==> flow/design.v <==
module dp_mul_core_n #(
  parameter integer DATA_W = 22
) (
  input wire i_clk,
  input wire resetn,
  input wire [DATA_W-1:0] opa,
  output wire [2*DATA_W-1:0] p
);
  reg [DATA_W-1:0] opa_reg;
  always @(posedge i_clk or negedge resetn) begin
    if (~resetn) begin
      opa_reg <= 0;
    end else begin
      opa_reg <= opa;
    end
  end
  assign p = opa_reg * opa_reg;
endmodule
* From RTL to reports: dp_mul_core_n *
The steps from the RTL of dp_mul_core_n to its reports follow in flow order.
Lines are those of the file above, counted from 1.
The mark -- stands for no value.

inputs
  top = dp_mul_core_n
  clock = i_clk
  standard-cell library = sky130hd
  library corner = tt_025C_1v80

* Word-level counts *
Yosys after proc, flatten, opt, wreduce and memory -nomap, before mapping. Enables and synchronous resets that opt folds into registers are not counted as muxes. Memory bits, and registers merged into a memory's read port (data or address), are not among the register bits. Print and check cells are not counted. Equal cells are merged and count once.

operators by class
  add/subtract/negate cells = 0
  multipliers = 1
  divide/modulo/power cells = 0
  magnitude comparators = 0
  equality and inequality tests = 0
  shifts and indexed selects = 0
  mux-type cells = 0
  bitwise operators = 0
  reductions and logical operators = 0

operators with widths
  kind                          number
  multiplier 22 x 22 -> 44 bit  1

word-level totals
  bits in registers = 22
  bits in latches = 0
  memory bits (writable) = 0
  memory bits (read-only) = 0
  clocked read ports x word width = 0
  memories kept = 0
  output and inout port bits = 44

* Logic depth *
Yosys ltp: most cells in a row. Word level: on the elaborated netlist, between registers, memories and ports. Mapped: between sequential cells and ports; inverters and the memories' decode and read muxes count.

logic depth
  depth after elaboration = 1
  ABC_AREA = 0
  gate-level depth with buffers = 25

* After synthesis *
The flow's flattened synthesis, as Yosys stat reports it; memories are mapped. The netlist is that of the ABC_AREA named above (0 if unset); the other value can give another one.

cells by type
  type                       number
  sky130_fd_sc_hd__fa_1      341
  sky130_fd_sc_hd__ha_1      164
  sky130_fd_sc_hd__inv_1     441
  sky130_fd_sc_hd__nand2_1   155
  sky130_fd_sc_hd__and2_1    91
  sky130_fd_sc_hd__dfrtp_1   22
  sky130_fd_sc_hd__xnor2_1   32
  sky130_fd_sc_hd__a21oi_1   45
  sky130_fd_sc_hd__xor2_1    23
  sky130_fd_sc_hd__a21o_1    26
  sky130_fd_sc_hd__clkbuf_1  47
  sky130_fd_sc_hd__nor2_1    39
  sky130_fd_sc_hd__o21ai_0   23
  sky130_fd_sc_hd__o21bai_1  8
  sky130_fd_sc_hd__nor2b_1   9
  sky130_fd_sc_hd__and3_1    8
  sky130_fd_sc_hd__a211oi_1  6
  sky130_fd_sc_hd__nand4_1   7

Other cell types: 36; their cells: 70.

mapped netlist
  cell count = 1557
  mapped area = 14373.8 um^2
  mapped flip-flops = 22

* Timing after synthesis *
Path of least setup slack by OpenSTA after synthesis, without wires, with an ideal clock, recovery checks aside; 20% of the period is set as input and as output delay. Where synthesis merged equal registers, the netlist keeps one of their names.

timing post-synthesis
  path type = register to output
  start = register opa_reg[6]
  end = output port p[41]
  period = 10500 ps
  output delay = 2100 ps
  launch time at the first pin = 0 ps
  arrival time = 6732 ps
  slack = 1668 ps
  delay of the path = 6732 ps
  stages on the path = 26
  buffers on the path = 3
  period reached after synthesis = 8832 ps

"delay of the path" is the arrival time less input delay plus setup time.
A path that ends at an output port has no setup time.
"stages on the path": output pins that drive a net of the path, with the launching flip-flop's if there is one; two outputs of one cell count as two.
"period reached after synthesis" = period - worst setup slack (recovery checks aside). The figure is calculated, with input and output delays left at 20% of the set period.
Between the ends stands the longest chain of elaborated cells between them, by number of cells; it is not shown to be the way that was timed. Of several equally long chains one is given.
Each line given opens the expression or statement behind the cell; cells for indexed reads and writes are added by Yosys, which also makes memories of some case tables.

on the way, post-synthesis
  cell sequence = sky130_fd_sc_hd__dfrtp_1 > sky130_fd_sc_hd__clkbuf_1 > sky130_fd_sc_hd__clkbuf_1 > sky130_fd_sc_hd__nand2_1 > sky130_fd_sc_hd__fa_1 > sky130_fd_sc_hd__inv_1 > sky130_fd_sc_hd__fa_1 > sky130_fd_sc_hd__inv_1 > sky130_fd_sc_hd__fa_1 > sky130_fd_sc_hd__inv_1 > sky130_fd_sc_hd__fa_1 > sky130_fd_sc_hd__fa_1 > sky130_fd_sc_hd__fa_1 > sky130_fd_sc_hd__inv_1 > sky130_fd_sc_hd__fa_1 > sky130_fd_sc_hd__inv_1 > sky130_fd_sc_hd__ha_1 > sky130_fd_sc_hd__buf_2 > sky130_fd_sc_hd__and4_1 > sky130_fd_sc_hd__a21oi_1 > sky130_fd_sc_hd__o21ai_0 > sky130_fd_sc_hd__or3_1 > sky130_fd_sc_hd__o2111a_1 > sky130_fd_sc_hd__o31ai_1 > sky130_fd_sc_hd__a211oi_1 > sky130_fd_sc_hd__nor3_1
  length of the longest elaborated chain = 1
  elaborated cells on any way between the ends = 1
  source lines of those cells = 1

ends and longest elaborated chain, post-synthesis
  element                       line  source
  from (decl)                   9     reg [DATA_W-1:0] opa_reg;
  from (assign)                 12    opa_reg <= 0;
  from (assign)                 14    opa_reg <= opa;
  multiplier 22 x 22 -> 44 bit  17    assign p = opa_reg * opa_reg;
  to (decl)                     7     output wire [2*DATA_W-1:0] p

* Worst path after layout *
From the final timing report of flow run 1: the path of least setup slack in the routed layout; clock arrival at registers is part of the times.
The report prints the path's times to 10 ps; the period is as set.

timing after layout
  path type = register to output
  start = register opa_reg[5]
  end = output port p[41]
  period = 10500 ps
  output delay = 2100 ps
  launch time at the first pin = 270 ps
  arrival time = 8050 ps
  slack = 350 ps
  stages on the path = 24
  buffers on the path = 1

Between the ends stands the longest chain of elaborated cells between them, by number of cells; it is not shown to be the way that was timed. Of several equally long chains one is given.

on the way, after layout
  cell sequence = sky130_fd_sc_hd__dfrtp_1 > sky130_fd_sc_hd__nand2_1 > sky130_fd_sc_hd__fa_1 > sky130_fd_sc_hd__inv_1 > sky130_fd_sc_hd__fa_1 > sky130_fd_sc_hd__inv_1 > sky130_fd_sc_hd__fa_1 > sky130_fd_sc_hd__inv_1 > sky130_fd_sc_hd__fa_1 > sky130_fd_sc_hd__fa_1 > sky130_fd_sc_hd__fa_1 > sky130_fd_sc_hd__inv_1 > sky130_fd_sc_hd__fa_1 > sky130_fd_sc_hd__inv_1 > sky130_fd_sc_hd__ha_1 > sky130_fd_sc_hd__and4_1 > sky130_fd_sc_hd__a21oi_1 > sky130_fd_sc_hd__o21ai_0 > sky130_fd_sc_hd__or3_1 > sky130_fd_sc_hd__o2111a_1 > sky130_fd_sc_hd__o31ai_1 > sky130_fd_sc_hd__a211oi_1 > sky130_fd_sc_hd__nor3_1 > sky130_fd_sc_hd__clkdlybuf4s50_1
  length of the longest elaborated chain = 1
  elaborated cells on any way between the ends = 1
  source lines of those cells = 1

ends and longest elaborated chain, after layout
  element                       line  source
  from (decl)                   9     reg [DATA_W-1:0] opa_reg;
  from (assign)                 12    opa_reg <= 0;
  from (assign)                 14    opa_reg <= opa;
  multiplier 22 x 22 -> 44 bit  17    assign p = opa_reg * opa_reg;
  to (decl)                     7     output wire [2*DATA_W-1:0] p

# Flow runs of dp_mul_core_n

Measured data: module dp_mul_core_n, platform sky130hd, 3 stored runs of the flow under differing settings, order arbitrary. Input and output delays are each 20% of the period that was set; the output load is 0.01 pF.
By "clock period reached" is meant the clock period of the run minus its worst setup slack. This is arithmetic on one report: input and output delays are still those of the set period (20% each).
"critical setup path time" is the time allowed to the run's worst setup path (the clock period less input and output delay, where it has them) less its slack. Clock arrival times count: a late capture clock shortens it, a late launch clock lengthens it.
"critical setup path time" is given in steps of 10 ps.
Settings: - = not set for that run.
A result given as - is not shown for that run.

setting or result                       flow run 1          flow run 2  flow run 3
period_ns                               10.5                12.2        13.3
CAP_MARGIN                              20                  10          0
CORE_MARGIN                             2                   2           2
CORE_UTILIZATION                        40                  68          51
SLEW_MARGIN                             20                  20          10
PLACE_DENSITY_LB_ADDON                  -                   0.26        -
CORE_ASPECT_RATIO                       -                   0.66        0.53
CELL_PAD_IN_SITES_GLOBAL_PLACEMENT      -                   0           3
TNS_END_PERCENT                         -                   45          80
GPL_TIMING_DRIVEN                       -                   1           -
GPL_ROUTABILITY_DRIVEN                  -                   1           -
CTS_CLUSTER_SIZE                        -                   26          -
MIN_ROUTING_LAYER                       -                   met2        -
ABC_AREA                                -                   -           1
setup slack of the worst path (ps)      353                 -           -
critical setup path time (ps)           8050                -           -
worst path kind                         register to output  -           -
total die area (um^2)                   37467.4             -           -
total negative setup slack (ps)         0                   -           -
standard-cell area after layout (um^2)  15682.5             -           -
area of the synthesized netlist (um^2)  14373.8             -           -
clock period reached (ps)               10147               -           -

Flow run 2: stopped before the end: routing reported GRT-0116
Flow run 3: stopped before the end: placement reported GPL-0301
